==> flow/design.v <==
module sync_shift_top #(
  parameter WD = 24,
  parameter SEL_WIDTH = $clog2(WD)
) (
  input  wire i_clk,
  input  wire i_rst,
  input  wire [WD-1:0] i_in,
  input  wire [SEL_WIDTH-1:0] i_by,
  input  wire i_dir,
  output wire [WD-1:0] o_result
);
  reg [WD-1:0] in_reg;
  reg [SEL_WIDTH-1:0] by_reg;
  reg dir_reg;
  reg [WD-1:0] result_reg;
  assign o_result = result_reg;
  always @(posedge i_clk) begin
    if (i_rst) begin
      in_reg <= 0;
      by_reg <= 0;
      dir_reg <= 1'b0;
      result_reg <= 0;
    end else begin
      in_reg <= i_in;
      by_reg <= i_by;
      dir_reg <= i_dir;
      result_reg <= dir_reg ? in_reg << by_reg : in_reg >> by_reg;
    end
  end
endmodule
Reports on sync_shift_top
The steps from the RTL of sync_shift_top to its reports follow in flow order.
Line numbers count from 1 in the design file above.
Cell names lack the library's common part.
A cell with -- has no value.
- design top: sync_shift_top
- clock: i_clk
- cell library: sky130hd
- library corner: tt_025C_1v80

After elaboration
Counts by Yosys on the flattened word-level netlist (proc, flatten, opt, wreduce; memories kept). Register bits leave out memories and registers merged into their read ports (data or address); mux counts leave out enables and synchronous resets folded into registers. Print and check cells are left out. Cells with the same type and inputs are merged into one.
- flip-flop bits (word level): 54
- noted bits of input ports: 32
- output and inout bits: 24
- noted cells after elaboration: 7
- shifts and indexed selects: 2
- noted mux-type cells: 1
- operators by type and width (kind ; count):
    24-bit by 5-bit << shifter with 24-bit output ; 1
    24-bit by 5-bit right shift with 24-bit output ; 1
    24-bit two-way mux ; 1

Longest topological paths
Longest topological path by Yosys (ltp), each cell counted once; first at word level (registers and memories cut), then after technology mapping (sequential cells cut; the memories' decode and read muxes count).
- depth after elaboration: 2
- ABC_AREA: 0
- noted depth in mapped cells: 9
- depth with buffers taken out at 4

Synthesis result
The flow's flattened synthesis, as Yosys stat reports it; memories are mapped. The netlist is that of the ABC_AREA named above (0 if unset); the other value can give another one.
The area totals of this step are shown rounded.
- noted mapped cells: 374
- cell area after synthesis: 4045 um^2
- noted sequential part of the area: 1081 um^2
- flip-flop cells at 54
- buffers: 39
- cell types (cell type ; count ; total area (um^2)):
    mux4_2 ; 50 ; 1126.08
    dfxtp_1 ; 54 ; 1.08E+03
    mux2_2 ; 23 ; 258.998
    nor2b_1 ; 38 ; 237.728
    mux2i_1 ; 21 ; 210.202
    nor2_1 ; 21 ; 78.826
    clkbuf_1 ; 20 ; 75.072
    buf_2 ; 11 ; 55.053
    nand2_1 ; 14 ; 52.55
    a22oi_1 ; 6 ; 45.043
    nand3_1 ; 9 ; 45.043
    a221oi_1 ; 5 ; 43.792
    a32oi_1 ; 4 ; 35.034
    nor3_1 ; 7 ; 35.034
    o21ai_0 ; 7 ; 35.034
    a211oi_1 ; 4 ; 30.029
    a21oi_1 ; 6 ; 30.029
    o211a_1 ; 3 ; 30.029
Not listed: further types 38, cells in them 71.

Worst setup path after synthesis
Source: OpenSTA report_checks on the synthesized netlist (no wires, ideal clock, input and output delay 20% of the period each), path of least setup slack; recovery checks are left aside. Register names are those of the netlist, which keeps one name where synthesis merged equal registers.
- kind: register -> register
- start point: reg by_reg[1]
- end point: reg result_reg[9]
- clock period: 2570 ps
- noted library setup time: 115 ps
- time at the first pin: 0 ps
- arrival at 1941 ps
- data required time: 2455 ps
- path slack: 514 ps
- path delay at 2056 ps
- stages on the path at 7
- path buffers at 2
- period reached after synthesis at 2056 ps
"path delay" = arrival - input delay + setup time.
"stages on the path": output pins that drive a net of the path, with the launching flip-flop's if there is one; two outputs of one cell count as two.
"period reached after synthesis" = period - worst setup slack (recovery checks aside). The figure is calculated, with input and output delays left at 20% of the set period.
Between the ends stands the longest chain of elaborated cells between them, by number of cells; it is not shown to be the way that was timed. Of several equally long chains one is given.
Each line given opens the expression or statement behind the cell; cells for indexed reads and writes are added by Yosys, which also makes memories of some case tables.
- path through: dfxtp_1 > buf_6 > buf_12 > mux4_2 > mux2_2 > mux4_2 > and2_1
- cells in the longest elaborated chain at 2
- noted elaborated cells on any way between the ends: 3
- RTL lines with such cells: 1
- those cells by class: shift (2); mux (1)
- RTL lines, path post-synthesis (element ; line ; text):
    start: declaration ; 13 ; reg [SEL_WIDTH-1:0] by_reg;
    start: assignment ; 20 ; by_reg <= 0;
    start: assignment ; 25 ; by_reg <= i_by;
    24-bit by 5-bit right shift with 24-bit output ; 27 ; result_reg <= dir_reg ? in_reg << by_reg : in_reg >> by_reg;
    24-bit two-way mux ; 27 ;
    end: assignment ; 22 ; result_reg <= 0;
    end: assignment ; 27 ;
    end: declaration ; 15 ; reg [WD-1:0] result_reg;

Path in the finished layout
Path of least setup slack in the final report of flow run A (OpenROAD, finished layout, wires in). Where an end is a register, its clock arrival counts in the times.
The report prints the path's times to 10 ps; the period is as set.
- kind: input -> register
- start point: in i_rst
- end point: reg result_reg[5]
- clock period: 3830 ps
- noted external input delay: 770 ps
- noted library setup time: 60 ps
- time at the first pin: 770 ps
- arrival at 2770 ps
- data required time: 4060 ps
- path slack: 1280 ps
- stages on the path at 5
- path buffers at 1
- path through: clkdlybuf4s50_1 > or3b_2 > nor2_1 > o21ai_0 > o21ai_1
- RTL lines, path post-layout (element ; line ; text):
    start: declaration ; 6 ; input  wire i_rst,
    end: assignment ; 22 ; result_reg <= 0;
    end: assignment ; 27 ; result_reg <= dir_reg ? in_reg << by_reg : in_reg >> by_reg;
    end: declaration ; 15 ; reg [WD-1:0] result_reg;
Chain of elaborated cells between the ends: none given.

Memo
Re: implementation data of sync_shift_top

Measured data: module sync_shift_top, platform sky130hd, 3 stored runs of the flow under differing settings, order arbitrary. Input and output delays are each 20% of the period that was set; the output load is 0.01 pF.
"time of the worst setup path" = time allowed to the worst setup path (clock period - input delay - output delay, where it has them) - its slack; a late launch clock adds to it, a late capture clock takes from it.
"time of the worst setup path" is given in steps of 10 ps.
Values from the reports are rounded here.

Flow run A
Settings were period_ns = 3.83; CORE_UTILIZATION = 34; SETUP_SLACK_MARGIN = 1.1; PLACE_DENSITY_LB_ADDON = 0.16; GPL_TIMING_DRIVEN = 1; CTS_CLUSTER_DIAMETER = 219; MAX_ROUTING_LAYER = met5; CAP_MARGIN = 20; CORE_MARGIN = 2; SLEW_MARGIN = 20
- noted the die outline area: 12,790 um^2
- utilization after layout at 0.415
- total negative slack on setup checks: 0 ps
- mapped cell area after synthesis at 4,045 um^2
- time of the worst setup path: 1,780 ps
- critical path kind: input -> register
- lowest setup slack: 1,284 ps

Flow run B
Settings were period_ns = 2.65; CORE_UTILIZATION = 70; SETUP_SLACK_MARGIN = -0.18; CORE_ASPECT_RATIO = 1.07; CELL_PAD_IN_SITES_GLOBAL_PLACEMENT = 1; ABC_AREA = 0; CTS_CLUSTER_SIZE = 48; SLEW_MARGIN = 15; MAX_ROUTING_LAYER = met4; CAP_MARGIN = 20; CORE_MARGIN = 2
- did not finish, placement stopped with GPL-0301

Flow run C
Settings were period_ns = 2.57; CAP_MARGIN = 20; CORE_MARGIN = 2; CORE_UTILIZATION = 40; SLEW_MARGIN = 20
- noted the die outline area: 10,930 um^2
- utilization after layout at 0.501
- total negative slack on setup checks: 0 ps
- mapped cell area after synthesis at 4,045 um^2
- time of the worst setup path: 2,330 ps
- critical path kind: register -> register
- lowest setup slack: 242 ps
